==> flow/design.v <==
module mul_unit_mul_part #(parameter N = 4) (
  input logic [N-1:0] a,
  input logic [N-1:0] b,
  output logic [2*N-1:0] p
);
  assign p = a * b;
endmodule
module mul_unit #(
  parameter int DW = 18
) (
  input  logic CLK,
  input  logic clr,
  input  logic [DW-1:0] lhs_in,
  input  logic [DW-1:0] rhs_in,
  output logic [2*DW-1:0] m_out
);
  logic [DW-1:0] lhs_s;
  always_ff @(posedge CLK) begin
    if (clr) begin
      lhs_s <= '0;
    end else begin
      lhs_s <= lhs_in;
    end
  end
  logic [DW-1:0] rhs_s;
  always_ff @(posedge CLK) begin
    if (clr) begin
      rhs_s <= '0;
    end else begin
      rhs_s <= rhs_in;
    end
  end
  localparam int HW = DW / 2;
  logic [DW-1:0] ll;
  mul_unit_mul_part #(.N(HW)) inst (.a(lhs_s[HW-1:0]), .b(rhs_s[HW-1:0]), .p(ll));
  logic [DW-1:0] lh;
  mul_unit_mul_part #(.N(HW)) el (.a(lhs_s[HW-1:0]), .b(rhs_s[DW-1:HW]), .p(lh));
  logic [DW-1:0] hl;
  mul_unit_mul_part #(.N(HW)) i_sub (.a(lhs_s[DW-1:HW]), .b(rhs_s[HW-1:0]), .p(hl));
  logic [DW-1:0] hh;
  mul_unit_mul_part #(.N(HW)) unit (.a(lhs_s[DW-1:HW]), .b(rhs_s[DW-1:HW]), .p(hh));
  logic [DW:0] mid;
  assign mid = lh + hl;
  always_ff @(posedge CLK) begin
    if (clr) begin
      m_out <= '0;
    end else begin
      m_out <= {hh, ll} + {mid, {HW{1'b0}}};
    end
  end
endmodule
Tool chain data of mul_unit --
The steps from the RTL of mul_unit to its reports follow in flow order. Lines are those of the file above, counted from 1. Library cell names are shortened. The mark -- stands for no value.
Inputs: top module mul_unit, clock input CLK, cell library sky130hd, library corner tt_025C_1v80

Word level --
Counts by Yosys on the flattened word-level netlist (proc, flatten, opt, wreduce; memories kept). Register bits leave out memories and registers merged into their read ports (data or address); mux counts leave out enables and synchronous resets folded into registers. Print and check cells are left out. Cells with the same type and inputs are merged into one.
Bit counts: bits of input ports 38, output and inout port bits 36, register bits after elaboration 72, word-level cells 9
Operators by class: add/sub/neg operators 2, multiply operators 4
Operator list (number):
- 9-bit by 9-bit multiplier with 18-bit output | 4
- 36-bit by 28-bit adder with 36-bit output | 1
- 18-bit by 18-bit adder with 19-bit output | 1

Depth --
Longest topological path by Yosys (ltp), each cell counted once; first at word level (registers and memories cut), then after technology mapping (sequential cells cut; the memories' decode and read muxes count).
Depth: depth after elaboration 3, ABC_AREA 1, gate-level depth with buffers 37, depth with buffers taken out 35

Synthesis result --
Yosys stat after the flow's synthesis: flattened, memories mapped to cells. It holds for the ABC_AREA given above (unset counts as 0); a run with the other value may have another netlist. The area totals of this step are shown rounded.
Mapped netlist: sequential part of the area 1441 um^2, cell area after synthesis 14280 um^2, cell count 1955, mapped flip-flops 72, buffers 79
Cell types:
- fa_1 | number 228, area in all 4.56E+03 um^2
- ha_1 | number 169, area in all 2.11E+03 um^2
- inv_1 | number 558, area in all 2.09E+03 um^2
- nand2_1 | number 515, area in all 1.93E+03 um^2
- dfxtp_1 | number 72, area in all 1.44E+03 um^2
- a21oi_1 | number 75, area in all 375.36 um^2
- nor2_1 | number 92, area in all 345.331 um^2
- clkbuf_1 | number 73, area in all 274.013 um^2
- nand3_1 | number 36, area in all 180.173 um^2
- xor2_1 | number 17, area in all 148.893 um^2
- o21ai_0 | number 28, area in all 140.134 um^2
- xnor2_1 | number 14, area in all 122.618 um^2
- nand4_1 | number 11, area in all 68.816 um^2
- nand2_2 | number 10, area in all 62.56 um^2
- nand3_2 | number 5, area in all 50.048 um^2
- o21bai_1 | number 6, area in all 45.043 um^2
- nor2_4 | number 3, area in all 33.782 um^2
- a31oi_1 | number 4, area in all 25.024 um^2
Other cell types: 19; their cells: 39.

Path before layout --
Path of least setup slack by OpenSTA after synthesis, without wires, with an ideal clock, recovery checks aside; 20% of the period is set as input and as output delay. Where synthesis merged equal registers, the netlist keeps one of their names.
Timing path after synthesis: path kind register -> register, start register rhs_s[0], end register m_out[28], path buffers 2, arrival time 6293 ps, time at the first pin 0 ps, path slack 2786 ps, library setup time 71 ps, stages on the path 30, clock period 9150 ps, required time 9079 ps, delay of the path 6364 ps, period reached after synthesis 6364 ps
"delay of the path" = arrival - input delay + setup time. "stages on the path" counts driving pins, that of a launching flip-flop among them; a cell with two outputs on the path counts twice. "period reached after synthesis" is the clock period less the worst setup slack; recovery checks do not enter. This is arithmetic on one report: input and output delays are still those of the set period (20% each). The rows between start and end are the longest chain of elaborated cells between them; the timing report does not say that the signal goes this way. Where chains are equally long, one stands for them. Each line given opens the expression or statement behind the cell; cells for indexed reads and writes are added by Yosys, which also makes memories of some case tables.
On the way, after synthesis: cell sequence dfxtp_1 -> clkbuf_1 -> buf_1 -> nand2_1 -> fa_1 -> inv_1 -> fa_1 -> inv_1 -> fa_1 -> inv_1 -> fa_1 -> fa_1 -> inv_1 -> fa_1 -> inv_1 -> ha_1 -> nor2_1 -> a21oi_1 -> nand3_1 -> nand2_1 -> nand3_1 -> nand2_1 -> xor2_1 -> ha_1 -> a21oi_1 -> o21bai_1 -> a21oi_1 -> nand3_1 -> or2_2 -> a21oi_1, cells in the longest elaborated chain 3, elaborated cells between the ends (all ways) 4, source lines of those cells 3, those cells by class 2 x add/sub; 2 x mul
RTL lines, path after synthesis:
- start, declared | line 25 | logic [DW-1:0] rhs_s;
- start, assigned | line 28 | rhs_s <= '0;
- start, assigned | line 30 | rhs_s <= rhs_in;
- 9-bit by 9-bit multiplier with 18-bit output | line 6 | assign p = a * b;
- 18-bit by 18-bit adder with 19-bit output | line 43 | assign mid = lh + hl;
- 36-bit by 28-bit adder with 36-bit output | line 48 | m_out <= {hh, ll} + {mid, {HW{1'b0}}};
- end, assigned | line 46 | m_out <= '0;
- end, assigned | line 48
- end, declared | line 15 | output logic [2*DW-1:0] m_out

Worst path after layout --
From the final timing report of entry A: the path of least setup slack in the routed layout; clock arrival at registers is part of the times. The report prints the path's times to 10 ps; the period is as set.
Timing path after layout: path kind register -> register, start register lhs_s[7], end register m_out[35], library setup time 70 ps, required time 9090 ps, stages on the path 27, path slack -650 ps, path buffers 0, arrival time 9740 ps, time at the first pin 430 ps, clock period 8740 ps
The rows between start and end are the longest chain of elaborated cells between them; the timing report does not say that the signal goes this way. Where chains are equally long, one stands for them.
On the way, after layout: cell sequence dfxtp_2 -> nand2_1 -> fa_1 -> inv_1 -> fa_1 -> ha_1 -> inv_1 -> fa_1 -> fa_1 -> fa_1 -> inv_1 -> ha_1 -> nand2_1 -> nor3_1 -> nand4_1 -> nand2_4 -> xor2_4 -> ha_4 -> a21oi_1 -> nand2_1 -> a21oi_1 -> nand3_2 -> nand3_2 -> nand2_2 -> nand3_1 -> nand2_1 -> nor2_1, cells in the longest elaborated chain 3, elaborated cells between the ends (all ways) 4, source lines of those cells 3, those cells by class 2 x add/sub; 2 x mul
RTL lines, path after layout:
- start, declared | line 17 | logic [DW-1:0] lhs_s;
- start, assigned | line 20 | lhs_s <= '0;
- start, assigned | line 22 | lhs_s <= lhs_in;
- 9-bit by 9-bit multiplier with 18-bit output | line 6 | assign p = a * b;
- 18-bit by 18-bit adder with 19-bit output | line 43 | assign mid = lh + hl;
- 36-bit by 28-bit adder with 36-bit output | line 48 | m_out <= {hh, ll} + {mid, {HW{1'b0}}};
- end, assigned | line 46 | m_out <= '0;
- end, assigned | line 48
- end, declared | line 15 | output logic [2*DW-1:0] m_out

Measured data: module mul_unit, platform sky130hd, 3 stored runs of the flow under differing settings, order arbitrary. Input and output delays are each 20% of the period that was set; the output load is 0.01 pF.
"period achieved" is the run's clock period less its worst setup slack. It is reckoned from that one timing run; input and output delays stay at 20% of the period that was set.
"critical setup path time": the worst setup path's part of the clock period (all of it between registers, 20% less for each end at a port) less its slack. A launch clock that arrives late makes it longer, a capture clock that arrives late makes it shorter.
"total power of the final layout" rests on the timing tool's default activity at the inputs, not on a simulated workload.
"critical setup path time" is known to 10 ps.
Measured values are rounded.

[entry A] flow files
==> flow/run.sh <==
#!/bin/bash
# the make line also repeats the synthesis and layout settings of config.mk as NAME=value (left out here)
make -C /OpenROAD-flow-scripts/flow DESIGN_CONFIG=/design/flow/config.mk WORK_HOME=/design/flow/orfs CLKGATE_MAP_FILE= finish
==> flow/config.mk <==
export PLATFORM = sky130hd
export DESIGN_NAME = mul_unit
export DESIGN_NICKNAME = mul_unit
export VERILOG_FILES = /design/flow/design.v
export SDC_FILE = /design/flow/constraint.sdc
export NUM_CORES = 4
export LEC_CHECK = 0
export ABC_AREA = 1
export CAP_MARGIN = 0
export CELL_PAD_IN_SITES_DETAIL_PLACEMENT = 2
export CORE_MARGIN = 2
export CORE_UTILIZATION = 19
export CTS_CLUSTER_SIZE = 65
export GPL_ROUTABILITY_DRIVEN = 1
export MAX_ROUTING_LAYER = met5
export MIN_ROUTING_LAYER = met1
export PLACE_DENSITY = 0.77
export SLEW_MARGIN = 20
==> flow/constraint.sdc <==
create_clock -name core_clock -period 8.74 [get_ports {CLK}]
set_input_delay 1.7480 -clock core_clock [delete_from_list [all_inputs] [get_ports {CLK}]]
set_output_delay 1.7480 -clock core_clock [all_outputs]
set_load 0.01 [all_outputs]

[entry A] result: cell area after synthesis 14280 um^2; die size 77380 um^2; standard-cell area after routing 16650 um^2; final design utilization 0.224; setup slack of the worst path -646 ps; sum of negative setup slack -4912 ps; post-route worst hold slack 654 ps; total power of the final layout 2.910 mW; period achieved 9386 ps; critical setup path time 9390 ps; kind of the worst setup path register -> register

[entry B] flow files
==> flow/run.sh <==
#!/bin/bash
# the make line also repeats the synthesis and layout settings of config.mk as NAME=value (left out here)
make -C /OpenROAD-flow-scripts/flow DESIGN_CONFIG=/design/flow/config.mk WORK_HOME=/design/flow/orfs CLKGATE_MAP_FILE= finish
==> flow/config.mk <==
export PLATFORM = sky130hd
export DESIGN_NAME = mul_unit
export DESIGN_NICKNAME = mul_unit
export VERILOG_FILES = /design/flow/design.v
export SDC_FILE = /design/flow/constraint.sdc
export NUM_CORES = 4
export LEC_CHECK = 0
export CAP_MARGIN = 20
export CORE_MARGIN = 4
export CORE_UTILIZATION = 64
export CTS_CLUSTER_DIAMETER = 294
export CTS_CLUSTER_SIZE = 51
export GPL_TIMING_DRIVEN = 0
export MIN_ROUTING_LAYER = met1
export PLACE_DENSITY = 0.75
export SETUP_SLACK_MARGIN = 0.29
export SLEW_MARGIN = 20
export TNS_END_PERCENT = 5
==> flow/constraint.sdc <==
create_clock -name core_clock -period 10.7 [get_ports {CLK}]
set_input_delay 2.1400 -clock core_clock [delete_from_list [all_inputs] [get_ports {CLK}]]
set_output_delay 2.1400 -clock core_clock [all_outputs]
set_load 0.01 [all_outputs]

[entry B] result: cell area after synthesis 13390 um^2; die size 23300 um^2; standard-cell area after routing 14760 um^2; final design utilization 0.722; setup slack of the worst path 1283 ps; sum of negative setup slack 0 ps; post-route worst hold slack 746 ps; total power of the final layout 1.602 mW; period achieved 9417 ps; critical setup path time 9420 ps; kind of the worst setup path register -> register

[entry C] flow files
==> flow/run.sh <==
#!/bin/bash
# the make line also repeats the synthesis and layout settings of config.mk as NAME=value (left out here)
make -C /OpenROAD-flow-scripts/flow DESIGN_CONFIG=/design/flow/config.mk WORK_HOME=/design/flow/orfs CLKGATE_MAP_FILE= finish
==> flow/config.mk <==
export PLATFORM = sky130hd
export DESIGN_NAME = mul_unit
export DESIGN_NICKNAME = mul_unit
export VERILOG_FILES = /design/flow/design.v
export SDC_FILE = /design/flow/constraint.sdc
export NUM_CORES = 4
export LEC_CHECK = 0
export CAP_MARGIN = 20
export CORE_MARGIN = 2
export CORE_UTILIZATION = 40
export SLEW_MARGIN = 20
==> flow/constraint.sdc <==
create_clock -name core_clock -period 9.15 [get_ports {CLK}]
set_input_delay 1.8300 -clock core_clock [delete_from_list [all_inputs] [get_ports {CLK}]]
set_output_delay 1.8300 -clock core_clock [all_outputs]
set_load 0.01 [all_outputs]

[entry C] result: cell area after synthesis 13390 um^2; die size 34960 um^2; standard-cell area after routing 14970 um^2; final design utilization 0.45; setup slack of the worst path 829 ps; sum of negative setup slack 0 ps; post-route worst hold slack 749 ps; total power of the final layout 1.896 mW; period achieved 8321 ps; critical setup path time 8320 ps; kind of the worst setup path register -> register
